==> flow/design.v <==
module cpu_cmp_unit_v2 #(
   parameter DATA_W = 80
) (
   input CLK,
   input reset,
   input signed [DATA_W-1:0] in_dataa,
   input signed [DATA_W-1:0] in_datab,
   output out_is_lt,
   output out_is_eq,
   output out_a_gt_b
);
   reg is_lt_ff;
   always @(posedge CLK) begin
      if (reset) begin
         is_lt_ff <= 1'b0;
      end else begin
         is_lt_ff <= (in_dataa < in_datab);
      end
   end
   assign out_is_lt = is_lt_ff;
   reg is_eq_ff;
   always @(posedge CLK) begin
      if (reset) begin
         is_eq_ff <= 1'b0;
      end else begin
         is_eq_ff <= (in_dataa == in_datab);
      end
   end
   assign out_is_eq = is_eq_ff;
   reg a_gt_b_ff;
   always @(posedge CLK) begin
      if (reset) begin
         a_gt_b_ff <= 1'b0;
      end else begin
         a_gt_b_ff <= (in_dataa > in_datab);
      end
   end
   assign out_a_gt_b = a_gt_b_ff;
endmodule
## Reports on cpu_cmp_unit_v2

What the tools print for cpu_cmp_unit_v2, step after step.
Lines are those of the file above, counted from 1.
Operators: Yosys type, input widths -> output width; for muxes data width and select width s.
Cell names lack the library's common part.
Not given: n/a

- Top module: cpu_cmp_unit_v2
- Clock input: CLK
- Library: sky130hd
- Library corner: tt_025C_1v80

## After elaboration

Yosys after proc, flatten, opt, wreduce and memory -nomap, before mapping. Enables and synchronous resets that opt folds into registers are not counted as muxes. Memory bits, and registers merged into a memory's read port (data or address), are not among the register bits. Print and check cells are not counted. Equal cells are merged and count once.

- Order comparisons: 2
- Equal/unequal tests: 1

Operators with widths:

| kind | count |
|---|---|
| $gt 80x80->1 | 1 |
| $lt 80x80->1 | 1 |
| $eq 80x80->1 | 1 |

- Register bits: 3
- Input bits: 162
- Output and inout bits: 3
- Word-level cells: 6

## Logic depth

Longest topological path by Yosys (ltp), each cell counted once; first at word level (registers and memories cut), then after technology mapping (sequential cells cut; the memories' decode and read muxes count).

- Word-level depth: 1
- ABC_AREA: 0
- Depth in mapped cells: 9
- Depth with buffers taken out: 9

## Mapped cells and area

Source: synth_stat.txt of the flow (Yosys; design flattened, memories mapped). It holds for the ABC_AREA given above (unset counts as 0); a run with the other value may have another netlist.
The area totals of this step are shown rounded.

Cell types:

| cell | count | area in all (µm²) |
|---|---|---|
| ha_1 | 80 | 1000.96 |
| inv_1 | 83 | 311.549 |
| a21oi_1 | 31 | 155.149 |
| nand4_1 | 15 | 93.84 |
| nand2_1 | 19 | 71.318 |
| dfxtp_1 | 3 | 60.058 |
| o21ai_0 | 11 | 55.053 |
| a21o_1 | 7 | 52.55 |
| nand3_1 | 7 | 35.034 |
| nor2_1 | 7 | 26.275 |
| nor4_1 | 4 | 25.024 |
| a211oi_1 | 3 | 22.522 |
| nor4_4 | 1 | 21.27 |
| mux2i_1 | 2 | 20.019 |
| nor2b_1 | 3 | 18.768 |
| a221oi_1 | 2 | 17.517 |
| a2111oi_2 | 1 | 15.014 |
| nor3_1 | 3 | 15.014 |

Not listed: further types 13, cells in them 14.

- Cells in the netlist: 296
- Cell area after synthesis: 2100 µm²
- Area of sequential cells: 60 µm²
- Flip-flop cells: 3
- Buffers: 0

## Worst setup path after synthesis

Source: OpenSTA report_checks on the synthesized netlist (no wires, ideal clock, input and output delay 20% of the period each), path of least setup slack; recovery checks are left aside. Register names are those of the netlist, which keeps one name where synthesis merged equal registers.

- Kind: input-to-reg
- Start point: in in_datab[53]
- End point: reg a_gt_b_ff
- Period: 2.65 ns
- Input delay: 0.530 ns
- Library setup time: 0.072 ns
- Time at the first pin: 0.530 ns
- Arrival: 2.155 ns
- Data required time: 2.578 ns
- Path slack: 0.423 ns
- Delay of the path: 1.697 ns
- Stages on the path: 9
- Path buffers: 0
- Synthesis period reached: 2.227 ns

"delay of the path" = arrival - input delay + setup time.
"stages on the path" counts driving pins, that of a launching flip-flop among them; a cell with two outputs on the path counts twice.
"synthesis period reached" is the clock period less the worst setup slack; recovery checks do not enter. This is arithmetic on one report: input and output delays are still those of the set period (20% each).
The rows between start and end are the longest chain of elaborated cells between them; the timing report does not say that the signal goes this way. Where chains are equally long, one stands for them.
Each line given opens the expression or statement behind the cell; cells for indexed reads and writes are added by Yosys, which also makes memories of some case tables.

- Cells stage by stage: inv_1 -> ha_1 -> a21o_1 -> a21oi_1 -> nor2b_1 -> o311a_2 -> a2111oi_2 -> o211a_1 -> mux2i_1
- Cells in the longest elaborated chain: 1
- Elaborated cells on any way between the ends: 1
- RTL lines with such cells: 1
- Those cells by class: compare: 1

Ends and longest elaborated chain, post-synthesis:

| element | RTL line | RTL |
|---|---|---|
| start: declaration | 7 | `input signed [DATA_W-1:0] in_datab,` |
| $gt 80x80->1 | 35 | `a_gt_b_ff <= (in_dataa > in_datab);` |
| end: assignment | 33 | `a_gt_b_ff <= 1'b0;` |
| end: assignment | 35 |  |
| end: declaration | 30 | `reg a_gt_b_ff;` |

## Timing after layout

From the final timing report of flow run 2: the path of least setup slack in the routed layout; clock arrival at registers is part of the times.

- Kind: input-to-reg
- Start point: in in_datab[61]
- End point: reg a_gt_b_ff
- Period: 2.65 ns
- Input delay: 0.53 ns
- Library setup time: 0.07 ns
- Time at the first pin: 0.53 ns
- Arrival: 2.70 ns
- Data required time: 2.80 ns
- Path slack: 0.10 ns
- Stages on the path: 10
- Path buffers: 1

The rows between start and end are the longest chain of elaborated cells between them; the timing report does not say that the signal goes this way. Where chains are equally long, one stands for them.

- Cells stage by stage: clkdlybuf4s50_1 -> inv_1 -> ha_1 -> a21o_1 -> a21o_1 -> a21oi_2 -> o21ai_2 -> a2111oi_4 -> o211a_1 -> mux2i_1
- Cells in the longest elaborated chain: 1
- Elaborated cells on any way between the ends: 1
- RTL lines with such cells: 1
- Those cells by class: compare: 1

Ends and longest elaborated chain, post-layout:

| element | RTL line | RTL |
|---|---|---|
| start: declaration | 7 | `input signed [DATA_W-1:0] in_datab,` |
| $gt 80x80->1 | 35 | `a_gt_b_ff <= (in_dataa > in_datab);` |
| end: assignment | 33 | `a_gt_b_ff <= 1'b0;` |
| end: assignment | 35 |  |
| end: declaration | 30 | `reg a_gt_b_ff;` |

Lab notebook: cpu_cmp_unit_v2

Flow measurements of cpu_cmp_unit_v2 on sky130hd: 3 stored runs with different settings, listed in no order. Input and output delays are each 20% of the period that was set; the output load is 0.01 pF.
Results are given in rounded form.

### Flow run 1

==> flow/run.sh <==
#!/bin/bash
# the make line also repeats the synthesis and layout settings of config.mk as NAME=value (left out here)
make -C /OpenROAD-flow-scripts/flow DESIGN_CONFIG=/design/flow/config.mk WORK_HOME=/design/flow/orfs CLKGATE_MAP_FILE= finish
==> flow/config.mk <==
export PLATFORM = sky130hd
export DESIGN_NAME = cpu_cmp_unit_v2
export DESIGN_NICKNAME = cpu_cmp_unit_v2
export VERILOG_FILES = /design/flow/design.v
export SDC_FILE = /design/flow/constraint.sdc
export NUM_CORES = 4
export LEC_CHECK = 0
export CAP_MARGIN = 20
export CELL_PAD_IN_SITES_DETAIL_PLACEMENT = 0
export CORE_MARGIN = 4
export CORE_UTILIZATION = 40
export GPL_ROUTABILITY_DRIVEN = 1
export MAX_ROUTING_LAYER = met5
export MIN_ROUTING_LAYER = met1
export PLACE_DENSITY_LB_ADDON = 0.06
export SLEW_MARGIN = 20
==> flow/constraint.sdc <==
create_clock -name core_clock -period 2.33 [get_ports {CLK}]
set_input_delay 0.4660 -clock core_clock [delete_from_list [all_inputs] [get_ports {CLK}]]
set_output_delay 0.4660 -clock core_clock [all_outputs]
set_load 0.01 [all_outputs]

Outcome of flow run 1: no final report: routing broke off with DPL-0038

### Flow run 2

==> flow/run.sh <==
#!/bin/bash
# the make line also repeats the synthesis and layout settings of config.mk as NAME=value (left out here)
make -C /OpenROAD-flow-scripts/flow DESIGN_CONFIG=/design/flow/config.mk WORK_HOME=/design/flow/orfs CLKGATE_MAP_FILE= finish
==> flow/config.mk <==
export PLATFORM = sky130hd
export DESIGN_NAME = cpu_cmp_unit_v2
export DESIGN_NICKNAME = cpu_cmp_unit_v2
export VERILOG_FILES = /design/flow/design.v
export SDC_FILE = /design/flow/constraint.sdc
export NUM_CORES = 4
export LEC_CHECK = 0
export CAP_MARGIN = 20
export CORE_MARGIN = 2
export CORE_UTILIZATION = 40
export SLEW_MARGIN = 20
==> flow/constraint.sdc <==
create_clock -name core_clock -period 2.65 [get_ports {CLK}]
set_input_delay 0.5300 -clock core_clock [delete_from_list [all_inputs] [get_ports {CLK}]]
set_output_delay 0.5300 -clock core_clock [all_outputs]
set_load 0.01 [all_outputs]

Results of flow run 2:
- Chip area in the Yosys report: 2100 µm²
- Die footprint: 5900 µm²
- Standard-cell area after layout: 4200 µm²
- Smallest setup slack: 0.10 ns
- Summed negative setup slack: 0.000 ns
- Worst hold slack after layout: 0.96 ns

### Flow run 3

==> flow/run.sh <==
#!/bin/bash
# the make line also repeats the synthesis and layout settings of config.mk as NAME=value (left out here)
make -C /OpenROAD-flow-scripts/flow DESIGN_CONFIG=/design/flow/config.mk WORK_HOME=/design/flow/orfs CLKGATE_MAP_FILE= finish
==> flow/config.mk <==
export PLATFORM = sky130hd
export DESIGN_NAME = cpu_cmp_unit_v2
export DESIGN_NICKNAME = cpu_cmp_unit_v2
export VERILOG_FILES = /design/flow/design.v
export SDC_FILE = /design/flow/constraint.sdc
export NUM_CORES = 4
export LEC_CHECK = 0
export CAP_MARGIN = 20
export CELL_PAD_IN_SITES_DETAIL_PLACEMENT = 0
export CORE_MARGIN = 7
export CORE_UTILIZATION = 19
export CTS_CLUSTER_SIZE = 30
export GPL_ROUTABILITY_DRIVEN = 1
export MIN_ROUTING_LAYER = met1
export PLACE_DENSITY_LB_ADDON = 0.13
export SLEW_MARGIN = 25
export TNS_END_PERCENT = 60
==> flow/constraint.sdc <==
create_clock -name core_clock -period 1.68 [get_ports {CLK}]
set_input_delay 0.3360 -clock core_clock [delete_from_list [all_inputs] [get_ports {CLK}]]
set_output_delay 0.3360 -clock core_clock [all_outputs]
set_load 0.01 [all_outputs]

Results of flow run 3:
- Chip area in the Yosys report: 2100 µm²
- Die footprint: 14000 µm²
- Standard-cell area after layout: 4900 µm²
- Smallest setup slack: -0.63 ns
- Summed negative setup slack: -1.6 ns
- Worst hold slack after layout: 0.79 ns
